==> flow/design.v <==
module ex_times_blk #(
  parameter DW = 5,
  parameter SCALE = 25,
  parameter RES_W = DW + $clog2(SCALE + 1)
) (
  input wire core_clk,
  input wire RSTN,
  input wire adv,
  input wire [DW-1:0] in_lhs,
  output reg [RES_W-1:0] out_prod
);
  reg [DW-1:0] lhs_d1;
  reg [RES_W-1:0] cur;
  integer t;
  always @(*) begin
    cur = 0;
    for (t = 0; t < RES_W - DW; t = t + 1)
      if ((SCALE >> t) & 1) cur = cur + (lhs_d1 << t);
  end
  always @(posedge core_clk) begin
    if (~RSTN) begin
      lhs_d1 <= 0;
      out_prod <= 0;
    end else if (adv) begin
      lhs_d1 <= in_lhs;
      out_prod <= cur;
    end
  end
endmodule
### Reports on ex_times_blk

The steps from the RTL of ex_times_blk to its reports follow in flow order.
Lines are those of the file above, counted from 1.
Operators carry their Yosys type and port widths (W data, S select, Z words).
Cell names lack the library's common part.
The mark -- stands for no value.

| design | value |
|---|---|
| top | ex_times_blk |
| clock port | core_clk |
| standard-cell library | sky130hd |
| corner | tt_025C_1v80 |

### Word-level counts

Yosys after proc, flatten, opt, wreduce and memory -nomap, before mapping. Enables and synchronous resets that opt folds into registers are not counted as muxes. Memory bits, and registers merged into a memory's read port (data or address), are not among the register bits. Print and check cells are not counted. Equal cells are merged and count once.

| bit counts | value |
|---|---|
| register bits | 15 |
| bits of input ports | 8 |

| cells by class | value |
|---|---|
| add/subtract/negate cells | 2 |

Operator list:

| cell | number |
|---|---|
| $add A9 B9 Y10 | 1 |
| $add A5 B8 Y9 | 1 |

### Longest topological paths

Longest topological path by Yosys (ltp), each cell counted once; first at word level (registers and memories cut), then after technology mapping (sequential cells cut; the memories' decode and read muxes count).

| logic depth | value |
|---|---|
| depth in word-level cells | 2 |
| ABC_AREA | 0 |
| depth in mapped cells | 9 |

### After synthesis

Yosys stat after the flow's synthesis: flattened, memories mapped to cells. It holds for the ABC_AREA given above (unset counts as 0); a run with the other value may have another netlist.
Totals and module areas in this step are rounded.

Cells by type:

| cell | number | area in all (sq um) |
|---|---|---|
| dfxtp_1 | 15 | 300.288 |
| ha_1 | 9 | 112.608 |
| mux2i_1 | 11 | 110.106 |
| nor2b_1 | 11 | 68.816 |
| fa_1 | 2 | 40.038 |
| buf_6 | 3 | 33.782 |
| inv_1 | 9 | 33.782 |
| a21oi_1 | 3 | 15.014 |
| nand3_1 | 3 | 15.014 |
| nand3b_1 | 2 | 15.014 |
| and3_1 | 2 | 12.512 |
| a311o_1 | 1 | 10.01 |
| o211a_1 | 1 | 10.01 |
| a211o_1 | 1 | 8.758 |
| o31a_1 | 1 | 8.758 |
| xnor2_1 | 1 | 8.758 |
| a21boi_0 | 1 | 7.507 |
| nor2_1 | 2 | 7.507 |

Other cell types: 6; their cells: 6.

| synthesis totals | value |
|---|---|
| cells in the netlist | 84 |
| synthesis area | 851 sq um |
| flip-flops | 15 |

### Path before layout

Path of least setup slack by OpenSTA after synthesis, without wires, with an ideal clock, recovery checks aside; 20% of the period is set as input and as output delay. Where synthesis merged equal registers, the netlist keeps one of their names.

| timing path after synthesis | value |
|---|---|
| kind | register to register |
| start | register lhs_d1[4] |
| end | register out_prod[8] |
| clock period | 2.56 ns |
| library setup time | 0.079 ns |
| arrival time | 1.970 ns |
| data required time | 2.481 ns |
| path slack | 0.511 ns |
| path delay | 2.049 ns |
| stages on the path | 10 |
| synthesis period reached | 2.049 ns |

"path delay" = arrival - input delay + setup time.
"stages on the path": output pins that drive a net of the path, with the launching flip-flop's if there is one; two outputs of one cell count as two.
"synthesis period reached" = period - worst setup slack (recovery checks aside). The figure is calculated, with input and output delays left at 20% of the set period.
The rows between start and end are the longest chain of elaborated cells between them; the timing report does not say that the signal goes this way. Where chains are equally long, one stands for them.
A line is the first line of the expression or statement that the cell stems from. Yosys adds cells for indexed reads and writes and turns some case tables into memories.

| between the ends, after synthesis | value |
|---|---|
| cells stage by stage | dfxtp_1 > inv_1 > fa_1 > inv_1 > ha_1 > inv_1 > fa_1 > nand2b_1 > a211o_1 > o211ai_1 |
| length of the longest elaborated chain | 2 |

RTL lines, path after synthesis:

| what | line | text |
|---|---|---|
| start: declaration | 12 | `reg [DW-1:0] lhs_d1;` |
| start: assignment | 22 | `lhs_d1 <= 0;` |
| start: assignment | 25 | `lhs_d1 <= in_lhs;` |
| $add A5 B8 Y9 | 18 | `if ((SCALE >> t) & 1) cur = cur + (lhs_d1 << t);` |
| $add A9 B9 Y10 | 18 |  |
| end: assignment | 23 | `out_prod <= 0;` |
| end: assignment | 26 | `out_prod <= cur;` |
| end: declaration | 10 | `output reg [RES_W-1:0] out_prod` |

### Timing after layout

Path of least setup slack in the final report of stored run 1 (OpenROAD, finished layout, wires in). Where an end is a register, its clock arrival counts in the times.

| timing path post-layout | value |
|---|---|
| kind | register to register |
| start | register lhs_d1[4] |
| end | register out_prod[8] |
| clock period | 1.84 ns |
| library setup time | 0.07 ns |
| arrival time | 2.19 ns |
| data required time | 2.01 ns |
| path slack | -0.18 ns |
| stages on the path | 10 |

The rows between start and end are the longest chain of elaborated cells between them; the timing report does not say that the signal goes this way. Where chains are equally long, one stands for them.

| between the ends, post-layout | value |
|---|---|
| cells stage by stage | dfxtp_2 > inv_1 > fa_1 > inv_1 > ha_1 > inv_1 > fa_2 > nand2b_4 > a211o_1 > o211ai_1 |
| length of the longest elaborated chain | 2 |

RTL lines, path post-layout:

| what | line | text |
|---|---|---|
| start: declaration | 12 | `reg [DW-1:0] lhs_d1;` |
| start: assignment | 22 | `lhs_d1 <= 0;` |
| start: assignment | 25 | `lhs_d1 <= in_lhs;` |
| $add A5 B8 Y9 | 18 | `if ((SCALE >> t) & 1) cur = cur + (lhs_d1 << t);` |
| $add A9 B9 Y10 | 18 |  |
| end: assignment | 23 | `out_prod <= 0;` |
| end: assignment | 26 | `out_prod <= cur;` |
| end: declaration | 10 | `output reg [RES_W-1:0] out_prod` |

--- measured runs ---
Settings and measured results of 3 stored flow runs for module ex_times_blk (sky130hd), not sorted in any way. The constraints put input and output delay at 20% of the set period each and load the outputs with 0.01 pF.
"reached clock period" is the run's clock period less its worst setup slack. It is reckoned from that one timing run; input and output delays stay at 20% of the period that was set.
By "critical path time" is meant the share of the clock period that the worst setup path is allowed (20% is reserved at inputs, 20% at outputs), minus its slack. Clock arrival times at its registers enter into it.
"power consumption": no workload was simulated; the value follows from the tool's default switching activity.
Results are given in rounded form.
A setting shown as . is not set for that run.

| setting or result | stored run 1 | stored run 2 | stored run 3 |
|---|---|---|---|
| period_ns | 1.84 | 2.56 | 3.37 |
| CORE_UTILIZATION | 22 | 40 | 18 |
| SETUP_SLACK_MARGIN | -0.16 | . | . |
| PLACE_DENSITY_LB_ADDON | 0.01 | . | 0.07 |
| CORE_MARGIN | 6 | 2 | 2 |
| ABC_AREA | 0 | . | 0 |
| GPL_ROUTABILITY_DRIVEN | 0 | . | 1 |
| CAP_MARGIN | 20 | 20 | 20 |
| SLEW_MARGIN | 20 | 20 | 20 |
| CORE_ASPECT_RATIO | . | . | 1.53 |
| TNS_END_PERCENT | . | . | 40 |
| GPL_TIMING_DRIVEN | . | . | 1 |
| CTS_CLUSTER_DIAMETER | . | . | 79 |
| smallest setup slack (ns) | -0.177 | 0.395 | 1.12 |
| setup total negative slack (ns) | -0.298 | 0.000 | 0.000 |
| smallest hold slack (ns) | 0.498 | 0.491 | 0.497 |
| post-synthesis cell area (sq um) | 851 | 851 | 851 |
| reached clock period (ns) | 2.017 | 2.165 | 2.245 |
| standard-cell area of the final layout (sq um) | 1170 | 1070 | 1100 |
| utilization after layout (%) | 31.7 | 53.8 | 23.6 |
| power consumption (mW) | 0.804 | 0.502 | 0.427 |
| critical path time (ns) | 2.02 | 2.16 | 2.25 |
| kind of the worst setup path | register to register | register to register | register to register |
| full die area (sq um) | 5500 | 2510 | 5300 |
--- end ---
